==> flow/design.v <==
module core_switch #(
    parameter DATA_W = 16,
    parameter INPUTS = 8,
    parameter LG = $clog2(INPUTS)
) (
    input wire clk,
    input wire nrst,
    input wire [INPUTS*DATA_W-1:0] i_bus,
    input wire [LG-1:0] i_select,
    output wire [DATA_W-1:0] o_data_out
);
    reg [INPUTS*DATA_W-1:0] bus_q;
    reg [LG-1:0] select_q;
    wire [INPUTS*DATA_W-1:0] cur = bus_q >> (select_q * DATA_W);
    assign o_data_out = cur[DATA_W-1:0];
    always @(posedge clk) begin
        if (!nrst) begin
            bus_q <= 0;
            select_q <= 0;
        end else begin
            bus_q <= i_bus;
            select_q <= i_select;
        end
    end
endmodule
## Tool chain data of core_switch

The steps from the RTL of core_switch to its reports follow in flow order.
Lines are those of the file above, counted from 1.
Operators carry their Yosys type and port widths (W data, S select, Z words).
Library cell names are shortened.
Not given: -

| inputs | value |
|---|---|
| top module | core_switch |
| clock input | clk |
| standard-cell library | sky130hd |
| timing corner | tt_025C_1v80 |

## Elaborated design

Source: Yosys, flattened and elaborated, memories not mapped. Widths are those after wreduce; folded enables and synchronous resets count as part of the registers. Registers that Yosys merges into a memory's read port (data or address) are not register bits. Print and check cells do not count. Equal cells are merged and count once.

| storage and ports | value |
|---|---|
| RAM bits | 0 |
| bits in read-only memories | 0 |
| input bits | 133 |
| bits in registers | 131 |
| word width x clocked read ports | 0 |
| latch bits | 0 |
| memories | 0 |
| output and inout port bits | 16 |

| operators by class | value |
|---|---|
| add/subtract/negate cells | 0 |
| reductions and logical operators | 0 |
| mux-type cells | 0 |
| equality and inequality tests | 0 |
| multiply operators | 0 |
| order comparisons | 0 |
| divide/modulo/power cells | 0 |
| bitwise logic cells | 0 |
| shift-type cells | 1 |

Operator list:

| operator | number |
|---|---|
| $shr A128 B7 Y16 | 1 |

## Logic depth

Depth = most cells in a row (Yosys ltp): at word level without a register or memory, in the mapped netlist without a sequential cell, where the memories' decode and read muxes count.

| logic depth | value |
|---|---|
| depth after elaboration | 1 |
| ABC_AREA | 0 |
| gate-level depth with buffers | 4 |
| depth with buffers taken out | 2 |

## After synthesis

The flow's flattened synthesis, as Yosys stat reports it; memories are mapped. The netlist is that of the ABC_AREA named above (0 if unset); the other value can give another one.
The area totals of this step are shown rounded.

Cell types:

| type | number | area in all (µm²) |
|---|---|---|
| dfxtp_1 | 131 | 2.62E+03 |
| and2_1 | 131 | 819.536 |
| mux4_1 | 28 | 735.706 |
| mux2_2 | 16 | 180.173 |
| mux4_2 | 4 | 90.086 |
| clkbuf_1 | 15 | 56.304 |
| buf_6 | 4 | 45.043 |
| buf_1 | 3 | 11.261 |
| clkbuf_2 | 1 | 5.005 |

| synthesis totals | value |
|---|---|
| area of sequential cells | 2,620 µm² |
| buffer cells | 23 |
| flip-flop cells | 131 |
| cells in the netlist | 333 |
| mapped area | 4,570 µm² |

## Timing after synthesis

OpenSTA on the mapped netlist: ideal clock, no wires. The path of least setup slack (recovery checks aside). Input and output delay are each 20% of the period. Register names are those of the netlist, which keeps one name where synthesis merged equal registers.

| path after synthesis | value |
|---|---|
| kind | register -> output |
| start | register select_q[0] |
| end | output port o_data_out[0] |
| delay of the path | 1.390 ns |
| external output delay | 0.434 ns |
| stages | 5 |
| buffers on the path | 2 |
| arrival time | 1.390 ns |
| slack | 0.346 ns |
| clock period | 2.17 ns |
| period reached after synthesis | 1.824 ns |

"delay of the path" is the arrival time less input delay plus setup time.
At an output port there is no setup time.
"stages" counts driving pins, that of a launching flip-flop among them; a cell with two outputs on the path counts twice.
"period reached after synthesis" = period - worst setup slack (recovery checks aside). The figure is calculated, with input and output delays left at 20% of the set period.
The rows between start and end are the longest chain of elaborated cells between them; the timing report does not say that the signal goes this way. Where chains are equally long, one stands for them.
Each line given opens the expression or statement behind the cell; cells for indexed reads and writes are added by Yosys, which also makes memories of some case tables.

| between the ends, after synthesis | value |
|---|---|
| cells stage by stage | dfxtp_1 buf_6 buf_6 mux4_1 mux2_2 |
| cells in the longest elaborated chain | 1 |
| elaborated cells between the ends (all ways) | 1 |
| source lines of those cells | 1 |
| those cells by class | shift (1) |

Ends and longest elaborated chain, after synthesis:

| what | RTL line | source |
|---|---|---|
| start, declared | 13 | `reg [LG-1:0] select_q;` |
| start, assigned | 19 | `select_q <= 0;` |
| start, assigned | 22 | `select_q <= i_select;` |
| $shr A128 B7 Y16 | 14 | `wire [INPUTS*DATA_W-1:0] cur = bus_q >> (select_q * DATA_W);` |
| end, declared | 10 | `output wire [DATA_W-1:0] o_data_out` |

## Timing after layout

Path of least setup slack in the final report of job 1 (OpenROAD, finished layout, wires in). Where an end is a register, its clock arrival counts in the times.

| path post-layout | value |
|---|---|
| kind | register -> output |
| start | register select_q[0] |
| end | output port o_data_out[3] |
| slack | 0.21 ns |
| stages | 5 |
| buffers on the path | 2 |
| clock period | 3.35 ns |
| external output delay | 0.67 ns |
| arrival time | 2.47 ns |

The rows between start and end are the longest chain of elaborated cells between them; the timing report does not say that the signal goes this way. Where chains are equally long, one stands for them.

| between the ends, post-layout | value |
|---|---|
| cells stage by stage | dfxtp_2 buf_4 mux4_1 mux2_2 clkdlybuf4s50_1 |
| cells in the longest elaborated chain | 1 |
| elaborated cells between the ends (all ways) | 1 |
| source lines of those cells | 1 |
| those cells by class | shift (1) |

Ends and longest elaborated chain, post-layout:

| what | RTL line | source |
|---|---|---|
| start, declared | 13 | `reg [LG-1:0] select_q;` |
| start, assigned | 19 | `select_q <= 0;` |
| start, assigned | 22 | `select_q <= i_select;` |
| $shr A128 B7 Y16 | 14 | `wire [INPUTS*DATA_W-1:0] cur = bus_q >> (select_q * DATA_W);` |
| end, declared | 10 | `output wire [DATA_W-1:0] o_data_out` |

# Flow runs of core_switch

Measured results for core_switch: 3 stored runs of the Yosys and OpenROAD flow on sky130hd. The settings differ; the order carries no meaning. The constraints put input and output delay at 20% of the set period each and load the outputs with 0.01 pF.
"worst setup path time" = time allowed to the worst setup path (clock period - input delay - output delay, where it has them) - its slack; a late launch clock adds to it, a late capture clock takes from it.
Values from the reports are rounded here.
Among the settings, - means not set for that run.

| stored run | period_ns | CORE_UTILIZATION | PLACE_DENSITY_LB_ADDON | CORE_ASPECT_RATIO | CELL_PAD_IN_SITES_GLOBAL_PLACEMENT | CELL_PAD_IN_SITES_DETAIL_PLACEMENT | GPL_TIMING_DRIVEN | MAX_ROUTING_LAYER | CAP_MARGIN | CORE_MARGIN | SLEW_MARGIN | TNS_END_PERCENT | ABC_AREA | GPL_ROUTABILITY_DRIVEN | utilization in the final report (%) | final worst hold slack (ns) | std-cell area (final layout) (µm²) | worst slack on setup checks (ns) | worst setup path time (ns) | kind of the worst setup path | chip area in the Yosys report (µm²) | area of the die (µm²) |
|---|---|---|---|---|---|---|---|---|---|---|---|---|---|---|---|---|---|---|---|---|---|---|
| job 1 | 3.35 | 19 | 0.24 | 1.13 | 1 | 0 | 1 | met5 | 20 | 2 | 20 | - | - | - | 29.3 | 0.833 | 6,940 | 0.208 | 2.47 | register -> output | 4,570 | 25,300 |
| job 2 | 2.17 | 40 | - | - | - | - | - | - | 20 | 2 | 20 | - | - | - | 61.2 | 0.576 | 6,900 | -0.184 | 1.92 | register -> output | 4,570 | 12,300 |
| job 3 | 2.48 | 44 | 0.3 | - | 1 | 0 | - | met4 | 10 | 2 | 35 | 50 | 0 | 1 | 67.0 | 0.535 | 6,820 | -0.105 | 2.09 | register -> output | 4,570 | 11,200 |
